==> flow/design.v <==
module ex_compare_v2 #(
   parameter DWIDTH = 20
) (
   input clock,
   input [DWIDTH-1:0] a,
   input [DWIDTH-1:0] b,
   input [DWIDTH-1:0] c,
   output ok
);
   reg [DWIDTH-1:0] a_reg;
   reg [DWIDTH-1:0] b_reg;
   reg [DWIDTH-1:0] c_reg;
   always @(posedge clock) begin
      a_reg <= a;
      b_reg <= b;
      c_reg <= c;
   end
   assign ok = (a_reg >= b_reg) && (a_reg <= c_reg);
endmodule
---- Step by step through the tools: ex_compare_v2 ----
Tool output for the design above, in the order of the flow.
Lines are those of the file above, counted from 1.
Operators: Yosys type, input widths -> output width; for muxes data width and select width s.
Cell names lack the library's common part.
The mark - stands for no value.
inputs
  top module .............................. ex_compare_v2
  clock ................................... clock
  library ................................. sky130hd
  library corner .......................... tt_025C_1v80

---- Word-level counts ----
Yosys after proc, flatten, opt, wreduce and memory -nomap, before mapping. Enables and synchronous resets that opt folds into registers are not counted as muxes. Memory bits, and registers merged into a memory's read port (data or address), are not among the register bits. Print and check cells are not counted. Equal cells are merged and count once.
cells by class
  $add $sub $neg .......................... 0
  $mul .................................... 0
  div/mod/pow operators ................... 0
  order comparisons ....................... 2
  eq/ne operators ......................... 0
  shifts and indexed selects .............. 0
  mux-type cells .......................... 0
  bitwise operators ....................... 0
  reductions and logical operators ........ 1
operators with widths
  operator           count
  $ge 20x20->1       1
  $le 20x20->1       1
  $logic_and 1x1->1  1
bit counts
  register bits ........................... 60
  latch bits .............................. 0
  RAM bits ................................ 0
  ROM bits ................................ 0
  clocked read ports x word width ......... 0
  memory cells ............................ 0
  bits of input ports ..................... 61
  output and inout bits ................... 1
  cells after elaboration ................. 6

---- Logic depth ----
Longest topological path by Yosys (ltp), each cell counted once; first at word level (registers and memories cut), then after technology mapping (sequential cells cut; the memories' decode and read muxes count).
logic depth
  word-level depth ........................ 2
  ABC_AREA ................................ 0
  gate-level depth with buffers ........... 7
  gate-level depth less buffers ........... 7

---- Netlist ----
Yosys stat after the flow's synthesis: flattened, memories mapped to cells. It holds for the ABC_AREA given above (unset counts as 0); a run with the other value may have another netlist.
cell types
  cell       count  total area (um^2)
  dfxtp_1    60     1.2E+03
  ha_1       40     500.48
  inv_1      40     150.144
  a21oi_1    13     65.062
  and4_1     5      43.792
  nand2_1    11     41.29
  a21o_1     4      30.029
  o21ai_0    5      25.024
  nand2b_1   3      18.768
  a21o_2     2      17.517
  nand4_1    2      12.512
  nor4_2     1      12.512
  nand3_1    2      10.01
  or4b_1     1      10.01
  a211o_1    1      8.758
  a221oi_1   1      8.758
  a32oi_1    1      8.758
  o2111ai_1  1      8.758
Not listed: further types 6, cells in them 7.
mapped netlist
  cells in the netlist .................... 200
  chip area (Yosys) ....................... 2213.4 um^2
  area of sequential cells ................ 1201.2 um^2
  flip-flops .............................. 60
  buffers ................................. 0

---- Path before layout ----
Source: OpenSTA report_checks on the synthesized netlist (no wires, ideal clock, input and output delay 20% of the period each), path of least setup slack; recovery checks are left aside. Register names are those of the netlist, which keeps one name where synthesis merged equal registers.
timing path after synthesis
  kind .................................... register -> output
  start ................................... register b_reg[17]
  end ..................................... output port ok
  clock period ............................ 2.64 ns
  output delay ............................ 0.528 ns
  launch time at the first pin ............ 0.000 ns
  data arrival time ....................... 1.690 ns
  required time ........................... 2.112 ns
  path slack .............................. 0.422 ns
  path delay .............................. 1.690 ns
  stages .................................. 7
  buffers on the path ..................... 0
  synthesis period reached ................ 2.218 ns
"path delay" is the arrival time less input delay plus setup time.
At an output port there is no setup time.
"stages" counts driving pins, that of a launching flip-flop among them; a cell with two outputs on the path counts twice.
"synthesis period reached" is the clock period less the worst setup slack; recovery checks do not enter. This is arithmetic on one report: input and output delays are still those of the set period (20% each).
Between the ends stands the longest chain of elaborated cells between them, by number of cells; it is not shown to be the way that was timed. Of several equally long chains one is given.
Each line given opens the expression or statement behind the cell; cells for indexed reads and writes are added by Yosys, which also makes memories of some case tables.
between the ends, after synthesis
  path through ............................ dfxtp_1 -> inv_1 -> ha_1 -> nand4_1 -> nor4_2 -> or4b_1 -> a32oi_1
  length of the longest elaborated chain .. 2
  elaborated cells on any way between the ends .. 2
  source lines of those cells ............. 1
  those cells by class .................... compare: 1; reduce/logical: 1
ends and longest elaborated chain, after synthesis
  what               RTL line  text
  from (decl)        11        reg [DWIDTH-1:0] b_reg;
  from (assign)      15        b_reg <= b;
  $ge 20x20->1       18        assign ok = (a_reg >= b_reg) && (a_reg <= c_reg);
  $logic_and 1x1->1  18
  to (decl)          8         output ok

---- Worst path after layout ----
From the final timing report of run 1: the path of least setup slack in the routed layout; clock arrival at registers is part of the times.
timing path post-layout
  kind .................................... register -> output
  start ................................... register b_reg[11]
  end ..................................... output port ok
  clock period ............................ 2.44 ns
  output delay ............................ 0.49 ns
  launch time at the first pin ............ 0.43 ns
  data arrival time ....................... 2.60 ns
  required time ........................... 1.95 ns
  path slack .............................. -0.64 ns
  stages .................................. 8
  buffers on the path ..................... 1
Between the ends stands the longest chain of elaborated cells between them, by number of cells; it is not shown to be the way that was timed. Of several equally long chains one is given.
between the ends, post-layout
  path through ............................ dfxtp_1 -> inv_1 -> ha_1 -> nand2_2 -> nor4_2 -> or4b_4 -> a32oi_2 -> buf_2
  length of the longest elaborated chain .. 2
  elaborated cells on any way between the ends .. 2
  source lines of those cells ............. 1
  those cells by class .................... compare: 1; reduce/logical: 1
ends and longest elaborated chain, post-layout
  what               RTL line  text
  from (decl)        11        reg [DWIDTH-1:0] b_reg;
  from (assign)      15        b_reg <= b;
  $ge 20x20->1       18        assign ok = (a_reg >= b_reg) && (a_reg <= c_reg);
  $logic_and 1x1->1  18
  to (decl)          8         output ok

Add stored flow runs of ex_compare_v2

Below are 3 stored runs of the flow (Yosys, OpenROAD; platform sky130hd) on ex_compare_v2, each with its settings and what was measured, unordered. Constraints: input delay and output delay 20% of the set period each, output load 0.01 pF.
"achieved clock period (ns)" means the clock period less the worst setup slack. The figure is calculated, with input and output delays left at 20% of the set period.
"worst setup path time (ns)": the worst setup path's part of the clock period (all of it between registers, 20% less for each end at a port) less its slack. A launch clock that arrives late makes it longer, a capture clock that arrives late makes it shorter.
"finish__power__total" is the tool's figure for a default switching activity; nothing was simulated.

Flow files of run 1
==> flow/run.sh <==
#!/bin/bash
# the make line also repeats the synthesis and layout settings of config.mk as NAME=value (left out here)
make -C /OpenROAD-flow-scripts/flow DESIGN_CONFIG=/design/flow/config.mk WORK_HOME=/design/flow/orfs CLKGATE_MAP_FILE= finish
==> flow/config.mk <==
export PLATFORM = sky130hd
export DESIGN_NAME = ex_compare_v2
export DESIGN_NICKNAME = ex_compare_v2
export VERILOG_FILES = /design/flow/design.v
export SDC_FILE = /design/flow/constraint.sdc
export NUM_CORES = 4
export LEC_CHECK = 0
export CAP_MARGIN = 20
export CELL_PAD_IN_SITES_GLOBAL_PLACEMENT = 0
export CORE_MARGIN = 4
export CORE_UTILIZATION = 63
export MAX_ROUTING_LAYER = met4
export PLACE_DENSITY_LB_ADDON = 0.16
export SETUP_SLACK_MARGIN = 0.33
export SLEW_MARGIN = 20
export TNS_END_PERCENT = 15
==> flow/constraint.sdc <==
create_clock -name core_clock -period 2.44 [get_ports {clock}]
set_input_delay 0.4880 -clock core_clock [delete_from_list [all_inputs] [get_ports {clock}]]
set_output_delay 0.4880 -clock core_clock [all_outputs]
set_load 0.01 [all_outputs]

report of run 1
yosys chip area after synthesis (um^2): 2213.4
finish__design__die__area: 4525.9
finish__design__instance__area__stdcell: 3194.3
finish__design__instance__utilization: 0.9498
finish__timing__setup__ws: -0.644
finish__timing__setup__tns: -0.644
finish__timing__hold__ws: 0.483
finish__power__total: 2.039e-03
achieved clock period (ns): 3.084
worst setup path time (ns): 2.60
worst setup path kind: register -> output

Flow files of run 2
==> flow/run.sh <==
#!/bin/bash
# the make line also repeats the synthesis and layout settings of config.mk as NAME=value (left out here)
make -C /OpenROAD-flow-scripts/flow DESIGN_CONFIG=/design/flow/config.mk WORK_HOME=/design/flow/orfs CLKGATE_MAP_FILE= finish
==> flow/config.mk <==
export PLATFORM = sky130hd
export DESIGN_NAME = ex_compare_v2
export DESIGN_NICKNAME = ex_compare_v2
export VERILOG_FILES = /design/flow/design.v
export SDC_FILE = /design/flow/constraint.sdc
export NUM_CORES = 4
export LEC_CHECK = 0
export CAP_MARGIN = 20
export CORE_MARGIN = 2
export CORE_UTILIZATION = 40
export SLEW_MARGIN = 20
==> flow/constraint.sdc <==
create_clock -name core_clock -period 2.64 [get_ports {clock}]
set_input_delay 0.5280 -clock core_clock [delete_from_list [all_inputs] [get_ports {clock}]]
set_output_delay 0.5280 -clock core_clock [all_outputs]
set_load 0.01 [all_outputs]

report of run 2
yosys chip area after synthesis (um^2): 2213.4
finish__design__die__area: 6144.2
finish__design__instance__area__stdcell: 3333.2
finish__design__instance__utilization: 0.6128
finish__timing__setup__ws: -0.094
finish__timing__setup__tns: -0.094
finish__timing__hold__ws: 0.634
finish__power__total: 2.108e-03
achieved clock period (ns): 2.734
worst setup path time (ns): 2.21
worst setup path kind: register -> output

Flow files of run 3
==> flow/run.sh <==
#!/bin/bash
# the make line also repeats the synthesis and layout settings of config.mk as NAME=value (left out here)
make -C /OpenROAD-flow-scripts/flow DESIGN_CONFIG=/design/flow/config.mk WORK_HOME=/design/flow/orfs CLKGATE_MAP_FILE= finish
==> flow/config.mk <==
export PLATFORM = sky130hd
export DESIGN_NAME = ex_compare_v2
export DESIGN_NICKNAME = ex_compare_v2
export VERILOG_FILES = /design/flow/design.v
export SDC_FILE = /design/flow/constraint.sdc
export NUM_CORES = 4
export LEC_CHECK = 0
export CAP_MARGIN = 20
export CORE_ASPECT_RATIO = 1.77
export CORE_MARGIN = 2
export CORE_UTILIZATION = 65
export MAX_ROUTING_LAYER = met5
export PLACE_DENSITY = 0.59
export SETUP_SLACK_MARGIN = 0.38
export SLEW_MARGIN = 20
==> flow/constraint.sdc <==
create_clock -name core_clock -period 1.65 [get_ports {clock}]
set_input_delay 0.3300 -clock core_clock [delete_from_list [all_inputs] [get_ports {clock}]]
set_output_delay 0.3300 -clock core_clock [all_outputs]
set_load 0.01 [all_outputs]

report of run 3: did not finish, route, GRT-0232
